==> flow/design.v <==
module summer_stage #(
    parameter integer DW = 128
) (
    input clk,
    input valid,
    input [DW-1:0] i_u,
    input [DW-1:0] i_v,
    output reg [DW:0] o_o
);
    reg [DW-1:0] r_u;
    reg [DW-1:0] r_v;
    always @(posedge clk) begin
        if (valid) begin
            r_u <= i_u;
            r_v <= i_v;
        end
    end
    localparam LO_W = DW / 2;
    reg [LO_W:0] r_lo;
    reg [DW-LO_W-1:0] r_u_hi;
    reg [DW-LO_W-1:0] r_v_hi;
    always @(posedge clk) begin
        if (valid) begin
            r_lo <= r_u[LO_W-1:0] + r_v[LO_W-1:0];
            r_u_hi <= r_u[DW-1:LO_W];
            r_v_hi <= r_v[DW-1:LO_W];
        end
    end
    wire [DW-LO_W:0] msb = r_u_hi + r_v_hi + r_lo[LO_W];
    always @(posedge clk) begin
        if (valid) begin
            o_o <= {msb, r_lo[LO_W-1:0]};
        end
    end
endmodule
# From RTL to reports: summer_stage
# The steps from the RTL of summer_stage to its reports follow in flow order.
# Line numbers count from 1 in the design file above.
# Cell names lack the library's common part.
# The mark - stands for no value.
[design] top_module="summer_stage" clock_port="clk" library="sky130hd" corner="tt_025C_1v80"

# Elaborated design
# Counts by Yosys on the flattened word-level netlist (proc, flatten, opt, wreduce; memories kept). Register bits leave out memories and registers merged into their read ports (data or address); mux counts leave out enables and synchronous resets folded into registers. Print and check cells are left out. Cells with the same type and inputs are merged into one.
[op_classes] addsub=3
[ops] cell="64-bit by 64-bit adder with 65-bit output" count=2
[ops] cell="65-bit by 1-bit adder with 65-bit output" count=1
[word_totals] regBits=578 input_bits=258 output_inout_bits=129 wordCells=9

# Logic depth
# Longest topological path by Yosys (ltp), each cell counted once; first at word level (registers and memories cut), then after technology mapping (sequential cells cut; the memories' decode and read muxes count).
[logic_depth] ltp_word=2 abc_area=0 mapped_depth=11 depth_no_buf=11

# After synthesis
# Yosys stat after the flow's synthesis: flattened, memories mapped to cells. It holds for the ABC_AREA given above (unset counts as 0); a run with the other value may have another netlist.
[mapped] mapped_cells=1701 synth_area_um2=25069.0 seqArea_um2=17356.6 ff_cells=578 buffers=51
[types] type="edfxtp_1" count=578
[types] type="ha_1" count=127
[types] type="a21oi_1" count=154
[types] type="a21o_1" count=84
[types] type="xnor2_1" count=68
[types] type="xor2_1" count=49
[types] type="nand2_1" count=102
[types] type="nor2_1" count=81
[types] type="o21ai_0" count=59
[types] type="nand4_1" count=36
[types] type="o21bai_1" count=29
[types] type="clkbuf_1" count=39
[types] type="a211oi_1" count=16
[types] type="nor3_1" count=24
[types] type="inv_1" count=31
[types] type="nand3_1" count=21
[types] type="o211ai_1" count=12
[types] type="o21a_1" count=12
# Not listed: further types 57, cells in them 179.

# Path before layout
# OpenSTA on the mapped netlist: ideal clock, no wires. The path of least setup slack (recovery checks aside). Input and output delay are each 20% of the period. Register names are those of the netlist, which keeps one name where synthesis merged equal registers.
[synth_timing] path_type="flip-flop to flip-flop" start="reg r_lo[64]" end="reg o_o[124]" period_ns=3.92 t_first_pin_ns=0.000 arrival_ns=2.876 t_required_ns=3.660 setup_slack_ns=0.784 delay_ns=3.136 stages=12 period_less_setup_slack_ns=3.136
# "delay_ns" = arrival - input delay + setup time.
# "stages" counts driving pins, that of a launching flip-flop among them; a cell with two outputs on the path counts twice.
# "period_less_setup_slack_ns" = period - worst setup slack (recovery checks aside). The figure is calculated, with input and output delays left at 20% of the set period.
# The rows between start and end are the longest chain of elaborated cells between them; the timing report does not say that the signal goes this way. Where chains are equally long, one stands for them.
# Each line given opens the expression or statement behind the cell; cells for indexed reads and writes are added by Yosys, which also makes memories of some case tables.
[synth_between] cell_sequence="edfxtp_1 -> fa_1 -> fa_1 -> a21oi_1 -> nand4b_1 -> a211oi_2 -> o211ai_2 -> a21bo_2 -> o41ai_4 -> a311oi_4 -> o21ai_2 -> xor2_1" elab_chain_len=1 cells_between=1 lines_between=1
[synth_rtl] element="start, declared" line=19 text="reg [LO_W:0] r_lo;"
[synth_rtl] element="start, assigned" line=24 text="r_lo <= r_u[LO_W-1:0] + r_v[LO_W-1:0];"
[synth_rtl] element="65-bit by 1-bit adder with 65-bit output" line=29 text="wire [DW-LO_W:0] msb = r_u_hi + r_v_hi + r_lo[LO_W];"
[synth_rtl] element="end, assigned" line=32 text="o_o <= {msb, r_lo[LO_W-1:0]};"
[synth_rtl] element="end, declared" line=8 text="output reg [DW:0] o_o"

# Worst path after layout
# Path of least setup slack in the final report of stored run 2 (OpenROAD, finished layout, wires in). Where an end is a register, its clock arrival counts in the times.
[layout_timing] path_type="flip-flop to flip-flop" start="reg r_u[0]" end="reg r_lo[64]" period_ns=3.92 t_first_pin_ns=0.61 arrival_ns=4.04 t_required_ns=4.27 setup_slack_ns=0.23 stages=12
# The rows between start and end are the longest chain of elaborated cells between them; the timing report does not say that the signal goes this way. Where chains are equally long, one stands for them.
[layout_between] cell_sequence="edfxtp_1 -> ha_1 -> fa_1 -> a21oi_1 -> o21ai_1 -> o2bb2ai_1 -> o311a_1 -> o311a_4 -> a211o_2 -> a21oi_2 -> o21ba_2 -> o41ai_2" elab_chain_len=1 cells_between=1 lines_between=1
[layout_rtl] element="start, declared" line=10 text="reg [DW-1:0] r_u;"
[layout_rtl] element="start, assigned" line=14 text="r_u <= i_u;"
[layout_rtl] element="64-bit by 64-bit adder with 65-bit output" line=24 text="r_lo <= r_u[LO_W-1:0] + r_v[LO_W-1:0];"
[layout_rtl] element="end, assigned" line=24
[layout_rtl] element="end, declared" line=19 text="reg [LO_W:0] r_lo;"

Below are 3 stored runs of the flow (Yosys, OpenROAD; platform sky130hd) on summer_stage, each with its settings and what was measured, unordered. Constraints: input delay and output delay 20% of the set period each, output load 0.01 pF.
By "fin_power_mw" is meant OpenSTA's value without simulated activity: inputs other than the clock are taken to toggle once in ten clock periods, and the tool carries that through the logic.

[flow] stored run 1: files
==> flow/run.sh <==
#!/bin/bash
# the make line also repeats the synthesis and layout settings of config.mk as NAME=value (left out here)
make -C /OpenROAD-flow-scripts/flow DESIGN_CONFIG=/design/flow/config.mk WORK_HOME=/design/flow/orfs CLKGATE_MAP_FILE= finish
==> flow/config.mk <==
export PLATFORM = sky130hd
export DESIGN_NAME = summer_stage
export DESIGN_NICKNAME = summer_stage
export VERILOG_FILES = /design/flow/design.v
export SDC_FILE = /design/flow/constraint.sdc
export NUM_CORES = 4
export LEC_CHECK = 0
export CAP_MARGIN = 20
export CELL_PAD_IN_SITES_GLOBAL_PLACEMENT = 1
export CORE_ASPECT_RATIO = 0.91
export CORE_MARGIN = 8
export CORE_UTILIZATION = 69
export MIN_ROUTING_LAYER = met1
export PLACE_DENSITY_LB_ADDON = 0.15
export SETUP_SLACK_MARGIN = -0.12
export SLEW_MARGIN = 20
==> flow/constraint.sdc <==
create_clock -name core_clock -period 3.15 [get_ports {clk}]
set_input_delay 0.6300 -clock core_clock [delete_from_list [all_inputs] [get_ports {clk}]]
set_output_delay 0.6300 -clock core_clock [all_outputs]
set_load 0.01 [all_outputs]

[flow] stored run 1: no results, placement failed with FLW-0024

[flow] stored run 2: files
==> flow/run.sh <==
#!/bin/bash
# the make line also repeats the synthesis and layout settings of config.mk as NAME=value (left out here)
make -C /OpenROAD-flow-scripts/flow DESIGN_CONFIG=/design/flow/config.mk WORK_HOME=/design/flow/orfs CLKGATE_MAP_FILE= finish
==> flow/config.mk <==
export PLATFORM = sky130hd
export DESIGN_NAME = summer_stage
export DESIGN_NICKNAME = summer_stage
export VERILOG_FILES = /design/flow/design.v
export SDC_FILE = /design/flow/constraint.sdc
export NUM_CORES = 4
export LEC_CHECK = 0
export CAP_MARGIN = 20
export CORE_MARGIN = 2
export CORE_UTILIZATION = 40
export SLEW_MARGIN = 20
==> flow/constraint.sdc <==
create_clock -name core_clock -period 3.92 [get_ports {clk}]
set_input_delay 0.7840 -clock core_clock [delete_from_list [all_inputs] [get_ports {clk}]]
set_output_delay 0.7840 -clock core_clock [all_outputs]
set_load 0.01 [all_outputs]

[flow] stored run 2: metrics
[metrics] total_die_area_um2 = 64691.4
[metrics] worstSetupSlack_ns = 0.229
[metrics] fin_power_mw = 16.281
[metrics] synthArea_um2 = 25069.0
[metrics] utilization_pct = 51.6

[flow] stored run 3: files
==> flow/run.sh <==
#!/bin/bash
# the make line also repeats the synthesis and layout settings of config.mk as NAME=value (left out here)
make -C /OpenROAD-flow-scripts/flow DESIGN_CONFIG=/design/flow/config.mk WORK_HOME=/design/flow/orfs CLKGATE_MAP_FILE= finish
==> flow/config.mk <==
export PLATFORM = sky130hd
export DESIGN_NAME = summer_stage
export DESIGN_NICKNAME = summer_stage
export VERILOG_FILES = /design/flow/design.v
export SDC_FILE = /design/flow/constraint.sdc
export NUM_CORES = 4
export LEC_CHECK = 0
export CAP_MARGIN = 5
export CELL_PAD_IN_SITES_GLOBAL_PLACEMENT = 1
export CORE_MARGIN = 2
export CORE_UTILIZATION = 33
export CTS_CLUSTER_SIZE = 80
export GPL_TIMING_DRIVEN = 0
export SETUP_SLACK_MARGIN = 0.15
export SLEW_MARGIN = 20
==> flow/constraint.sdc <==
create_clock -name core_clock -period 3.34 [get_ports {clk}]
set_input_delay 0.6680 -clock core_clock [delete_from_list [all_inputs] [get_ports {clk}]]
set_output_delay 0.6680 -clock core_clock [all_outputs]
set_load 0.01 [all_outputs]

[flow] stored run 3: metrics
[metrics] utilization_pct = 44.9
[metrics] fin_power_mw = 20.896
[metrics] worstSetupSlack_ns = -0.017
[metrics] synthArea_um2 = 25069.0
[metrics] total_die_area_um2 = 78187.3
